==> flow/design.v <==
module mux #(
   parameter DATA_WIDTH = 20
) (
   input  wire aclk,
   input  wire en,
   input  wire [DATA_WIDTH-1:0] bus0,
   input  wire [DATA_WIDTH-1:0] bus1,
   input  wire [DATA_WIDTH-1:0] bus2,
   input  wire [DATA_WIDTH-1:0] bus3,
   input  wire [DATA_WIDTH-1:0] bus4,
   input  wire [DATA_WIDTH-1:0] bus5,
   input  wire [DATA_WIDTH-1:0] bus6,
   input  wire [DATA_WIDTH-1:0] bus7,
   input  wire [DATA_WIDTH-1:0] bus8,
   input  wire [DATA_WIDTH-1:0] bus9,
   input  wire [DATA_WIDTH-1:0] bus10,
   input  wire [DATA_WIDTH-1:0] bus11,
   input  wire [DATA_WIDTH-1:0] bus12,
   input  wire [DATA_WIDTH-1:0] bus13,
   input  wire [DATA_WIDTH-1:0] bus14,
   input  wire [DATA_WIDTH-1:0] bus15,
   input  wire [3:0] choose,
   output reg [DATA_WIDTH-1:0] data_out
);
   reg [DATA_WIDTH-1:0] bus0_s;
   reg [DATA_WIDTH-1:0] bus1_s;
   reg [DATA_WIDTH-1:0] bus2_s;
   reg [DATA_WIDTH-1:0] bus3_s;
   reg [DATA_WIDTH-1:0] bus4_s;
   reg [DATA_WIDTH-1:0] bus5_s;
   reg [DATA_WIDTH-1:0] bus6_s;
   reg [DATA_WIDTH-1:0] bus7_s;
   reg [DATA_WIDTH-1:0] bus8_s;
   reg [DATA_WIDTH-1:0] bus9_s;
   reg [DATA_WIDTH-1:0] bus10_s;
   reg [DATA_WIDTH-1:0] bus11_s;
   reg [DATA_WIDTH-1:0] bus12_s;
   reg [DATA_WIDTH-1:0] bus13_s;
   reg [DATA_WIDTH-1:0] bus14_s;
   reg [DATA_WIDTH-1:0] bus15_s;
   reg [3:0] choose_s;
   always @(posedge aclk) begin
      if (en) begin
         bus0_s <= bus0;
         bus1_s <= bus1;
         bus2_s <= bus2;
         bus3_s <= bus3;
         bus4_s <= bus4;
         bus5_s <= bus5;
         bus6_s <= bus6;
         bus7_s <= bus7;
         bus8_s <= bus8;
         bus9_s <= bus9;
         bus10_s <= bus10;
         bus11_s <= bus11;
         bus12_s <= bus12;
         bus13_s <= bus13;
         bus14_s <= bus14;
         bus15_s <= bus15;
         choose_s <= choose;
      end
   end
   reg [DATA_WIDTH-1:0] nxt;
   always @(*) begin
      if (choose_s == 0) nxt = bus0_s;
      else if (choose_s == 1) nxt = bus1_s;
      else if (choose_s == 2) nxt = bus2_s;
      else if (choose_s == 3) nxt = bus3_s;
      else if (choose_s == 4) nxt = bus4_s;
      else if (choose_s == 5) nxt = bus5_s;
      else if (choose_s == 6) nxt = bus6_s;
      else if (choose_s == 7) nxt = bus7_s;
      else if (choose_s == 8) nxt = bus8_s;
      else if (choose_s == 9) nxt = bus9_s;
      else if (choose_s == 10) nxt = bus10_s;
      else if (choose_s == 11) nxt = bus11_s;
      else if (choose_s == 12) nxt = bus12_s;
      else if (choose_s == 13) nxt = bus13_s;
      else if (choose_s == 14) nxt = bus14_s;
      else nxt = bus15_s;
   end
   always @(posedge aclk) begin
      if (en) begin
         data_out <= nxt;
      end
   end
endmodule
### Step by step through the tools: mux

What the tools print for mux, step after step.
Line numbers count from 1 in the design file above.
Library cell names are shortened.
Not given: n/a

| set-up | value |
|---|---|
| design top | mux |
| clock input | aclk |
| standard-cell library | sky130hd |
| corner | tt_025C_1v80 |

### Word-level counts

Source: Yosys, flattened and elaborated, memories not mapped. Widths are those after wreduce; folded enables and synchronous resets count as part of the registers. Registers that Yosys merges into a memory's read port (data or address) are not register bits. Print and check cells do not count. Equal cells are merged and count once.

| storage and ports | value |
|---|---|
| register bits after elaboration | 344 |
| cells after elaboration | 48 |
| output and inout bits | 20 |
| input port bits | 326 |

| cells by class | value |
|---|---|
| mux-type cells | 15 |
| eq/ne operators | 14 |
| reduce/logical cells | 1 |

Operator list:

| cell | count |
|---|---|
| two-way mux 20 bit | 15 |
| equality test 4 bit (second input constant) | 7 |
| equality test 4 x 3 -> 1 bit (second input constant) | 4 |
| equality test 4 x 2 -> 1 bit (second input constant) | 2 |
| equality test 4 x 1 -> 1 bit (second input constant) | 1 |
| zero test 4 bit | 1 |

### Logic depth

Longest topological path by Yosys (ltp), each cell counted once; first at word level (registers and memories cut), then after technology mapping (sequential cells cut; the memories' decode and read muxes count).

| depth | value |
|---|---|
| depth in word-level cells | 16 |
| ABC_AREA | 0 |
| mapped depth | 9 |
| mapped depth without buffers | 5 |

### Mapped cells and area

Yosys stat after the flow's synthesis: flattened, memories mapped to cells. It holds for the ABC_AREA given above (unset counts as 0); a run with the other value may have another netlist.

| synthesis totals | value |
|---|---|
| standard cells after synthesis | 939 |
| area of sequential cells | 0.0103299 mm2 |
| cell area after synthesis | 0.0144276 mm2 |
| flip-flops | 344 |
| buffer cells | 70 |

Cell types:

| cell | count | total area (um2) |
|---|---|---|
| edfxtp_1 | 344 | 1.03E+04 |
| mux4_2 | 15 | 337.824 |
| a21oi_1 | 67 | 335.322 |
| mux2i_1 | 29 | 290.278 |
| o21ai_0 | 51 | 255.245 |
| o22ai_1 | 39 | 243.984 |
| mux2_2 | 17 | 191.434 |
| nand2_1 | 45 | 168.912 |
| nor2_1 | 42 | 157.651 |
| buf_6 | 13 | 146.39 |
| buf_2 | 29 | 145.139 |
| o32ai_1 | 13 | 113.859 |
| a22oi_1 | 15 | 112.608 |
| buf_4 | 15 | 112.608 |
| o211ai_1 | 12 | 90.086 |
| nand2b_1 | 14 | 87.584 |
| nor3_1 | 16 | 80.077 |
| o22a_1 | 9 | 78.826 |

Not listed: further types 39, cells in them 154.

### Worst setup path after synthesis

Source: OpenSTA report_checks on the synthesized netlist (no wires, ideal clock, input and output delay 20% of the period each), path of least setup slack; recovery checks are left aside. Register names are those of the netlist, which keeps one name where synthesis merged equal registers.

| path post-synthesis | value |
|---|---|
| path kind | reg-to-reg |
| start point | register (no name shown) |
| end point | register data_out[16] |
| setup time | 0.257 ns |
| data required time | 2.023 ns |
| path slack | 0.458 ns |
| path buffers | 3 |
| stages | 8 |
| data arrival time | 1.565 ns |
| clock period | 2.28 ns |
| time at the first pin | 0.000 ns |
| delay of the path | 1.822 ns |
| synthesis period reached | 1.822 ns |

"delay of the path" = arrival - input delay + setup time.
"stages" counts driving pins, that of a launching flip-flop among them; a cell with two outputs on the path counts twice.
"synthesis period reached" is the clock period less the worst setup slack; recovery checks do not enter. This is arithmetic on one report: input and output delays are still those of the set period (20% each).
Between the ends stands the longest chain of elaborated cells between them, by number of cells; it is not shown to be the way that was timed. Of several equally long chains one is given.
Each line given opens the expression or statement behind the cell; cells for indexed reads and writes are added by Yosys, which also makes memories of some case tables.

| on the way, post-synthesis | value |
|---|---|
| cells stage by stage | edfxtp_1 buf_6 buf_6 buf_6 mux2_4 a221oi_2 o21ai_1 a32o_1 |
| length of the longest elaborated chain | 16 |
| elaborated cells between the ends (all ways) | 30 |
| source lines of those cells | 15 |
| classes of those cells | eq/ne: 14; mux: 15; reduce/logical: 1 |

RTL lines, path post-synthesis:

| item | line | text |
|---|---|---|
| start, declared | 41 |  |
| start, assigned | 60 |  |
| equality test 4 bit | 79 |  |
| two-way mux 20 bit | 79 |  |
| two-way mux 20 bit | 78 |  |
| two-way mux 20 bit | 77 |  |
| two-way mux 20 bit | 76 |  |
| two-way mux 20 bit | 75 |  |
| two-way mux 20 bit | 74 |  |
| [... 2 more ...] | n/a |  |
| two-way mux 20 bit | 71 |  |
| two-way mux 20 bit | 70 |  |
| two-way mux 20 bit | 69 |  |
| two-way mux 20 bit | 68 |  |
| two-way mux 20 bit | 67 |  |
| two-way mux 20 bit | 66 |  |
| two-way mux 20 bit | 65 |  |
| end, assigned | 84 | `data_out <= nxt;` |
| end, declared | 23 | `output reg [DATA_WIDTH-1:0] data_out` |

### Worst path after layout

Path of least setup slack in the final report of record 1 (OpenROAD, finished layout, wires in). Where an end is a register, its clock arrival counts in the times.

| path post-layout | value |
|---|---|
| path kind | reg-to-reg |
| start point | register (no name shown) |
| end point | register data_out[7] |
| path slack | 0.06 ns |
| setup time | 0.25 ns |
| data arrival time | 2.48 ns |
| clock period | 2.28 ns |
| data required time | 2.54 ns |
| path buffers | 2 |
| stages | 8 |
| time at the first pin | 0.51 ns |

Between the ends stands the longest chain of elaborated cells between them, by number of cells; it is not shown to be the way that was timed. Of several equally long chains one is given.

| on the way, post-layout | value |
|---|---|
| cells stage by stage | edfxtp_1 buf_12 nor2b_1 buf_4 a21oi_1 o22ai_1 a211oi_1 o32a_1 |
| length of the longest elaborated chain | 16 |
| elaborated cells between the ends (all ways) | 30 |
| source lines of those cells | 15 |
| classes of those cells | eq/ne: 14; mux: 15; reduce/logical: 1 |

RTL lines, path post-layout:

| item | line | text |
|---|---|---|
| start, declared | 41 |  |
| start, assigned | 60 |  |
| equality test 4 bit | 79 |  |
| two-way mux 20 bit | 79 |  |
| two-way mux 20 bit | 78 |  |
| two-way mux 20 bit | 77 |  |
| two-way mux 20 bit | 76 |  |
| two-way mux 20 bit | 75 |  |
| two-way mux 20 bit | 74 |  |
| [... 2 more ...] | n/a |  |
| two-way mux 20 bit | 71 |  |
| two-way mux 20 bit | 70 |  |
| two-way mux 20 bit | 69 |  |
| two-way mux 20 bit | 68 |  |
| two-way mux 20 bit | 67 |  |
| two-way mux 20 bit | 66 |  |
| two-way mux 20 bit | 65 |  |
| end, assigned | 84 | `data_out <= nxt;` |
| end, declared | 23 | `output reg [DATA_WIDTH-1:0] data_out` |

Subject: mux on sky130hd, stored results

Hello all,

3 stored runs of mux in the flow (synthesis by Yosys, layout by OpenROAD, sky130hd cells), in arbitrary order. Constraints: input delay and output delay 20% of the set period each, output load 0.01 pF.
"period achieved": clock period set for the run, less the worst setup slack. It is reckoned from that one timing run; input and output delays stay at 20% of the period that was set.
"worst setup path time" is the time allowed to the run's worst setup path (the clock period less input and output delay, where it has them) less its slack. Clock arrival times count: a late capture clock shortens it, a late launch clock lengthens it.
"power consumption" rests on the timing tool's default activity at the inputs, not on a simulated workload.

#### Record 1

| setting | value |
|---|---|
| period_ns | `2.28` |
| CAP_MARGIN | `20` |
| CORE_MARGIN | `2` |
| CORE_UTILIZATION | `40` |
| SLEW_MARGIN | `20` |

| result | value |
|---|---|
| power consumption | 0.016604 W |
| smallest setup slack | 0.061 ns |
| total negative slack on setup checks | 0.000 ns |
| Yosys chip area after synthesis | 0.0144276 mm2 |
| utilization after layout | 0.565 |
| period achieved | 2.219 ns |
| overall die area | 0.037605 mm2 |
| final worst hold slack | 0.296 ns |
| worst setup path time | 2.22 ns |
| worst path kind | reg-to-reg |
| standard-cell area after layout | 0.0201055 mm2 |

#### Record 2

| setting | value |
|---|---|
| period_ns | `2.1` |
| CORE_UTILIZATION | `17` |
| SETUP_SLACK_MARGIN | `0.37` |
| PLACE_DENSITY_LB_ADDON | `0.12` |
| CORE_ASPECT_RATIO | `0.84` |
| CORE_MARGIN | `2` |
| CELL_PAD_IN_SITES_DETAIL_PLACEMENT | `2` |
| ABC_AREA | `1` |
| GPL_ROUTABILITY_DRIVEN | `0` |
| CTS_CLUSTER_DIAMETER | `369` |
| MIN_ROUTING_LAYER | `met2` |
| CAP_MARGIN | `20` |
| SLEW_MARGIN | `20` |

| result | value |
|---|---|
| power consumption | 0.018975 W |
| smallest setup slack | -0.749 ns |
| total negative slack on setup checks | -12.195 ns |
| Yosys chip area after synthesis | 0.0138533 mm2 |
| utilization after layout | 0.282 |
| period achieved | 2.849 ns |
| overall die area | 0.083797 mm2 |
| final worst hold slack | 0.096 ns |
| worst setup path time | 2.85 ns |
| worst path kind | reg-to-reg |
| standard-cell area after layout | 0.0226742 mm2 |

#### Record 3

| setting | value |
|---|---|
| period_ns | `2.83` |
| CORE_UTILIZATION | `63` |
| SETUP_SLACK_MARGIN | `0.16` |
| PLACE_DENSITY_LB_ADDON | `0.06` |
| CELL_PAD_IN_SITES_GLOBAL_PLACEMENT | `0` |
| CELL_PAD_IN_SITES_DETAIL_PLACEMENT | `0` |
| GPL_TIMING_DRIVEN | `0` |
| CTS_CLUSTER_DIAMETER | `111` |
| CAP_MARGIN | `35` |
| MIN_ROUTING_LAYER | `met1` |
| MAX_ROUTING_LAYER | `met4` |
| CORE_MARGIN | `2` |
| SLEW_MARGIN | `20` |

| result | value |
|---|---|
| power consumption | 0.012884 W |
| smallest setup slack | 0.181 ns |
| total negative slack on setup checks | 0.000 ns |
| Yosys chip area after synthesis | 0.0144276 mm2 |
| utilization after layout | 0.863 |
| period achieved | 2.649 ns |
| overall die area | 0.0241274 mm2 |
| final worst hold slack | 0.487 ns |
| worst setup path time | 2.65 ns |
| worst path kind | reg-to-reg |
| standard-cell area after layout | 0.0194774 mm2 |

Thanks
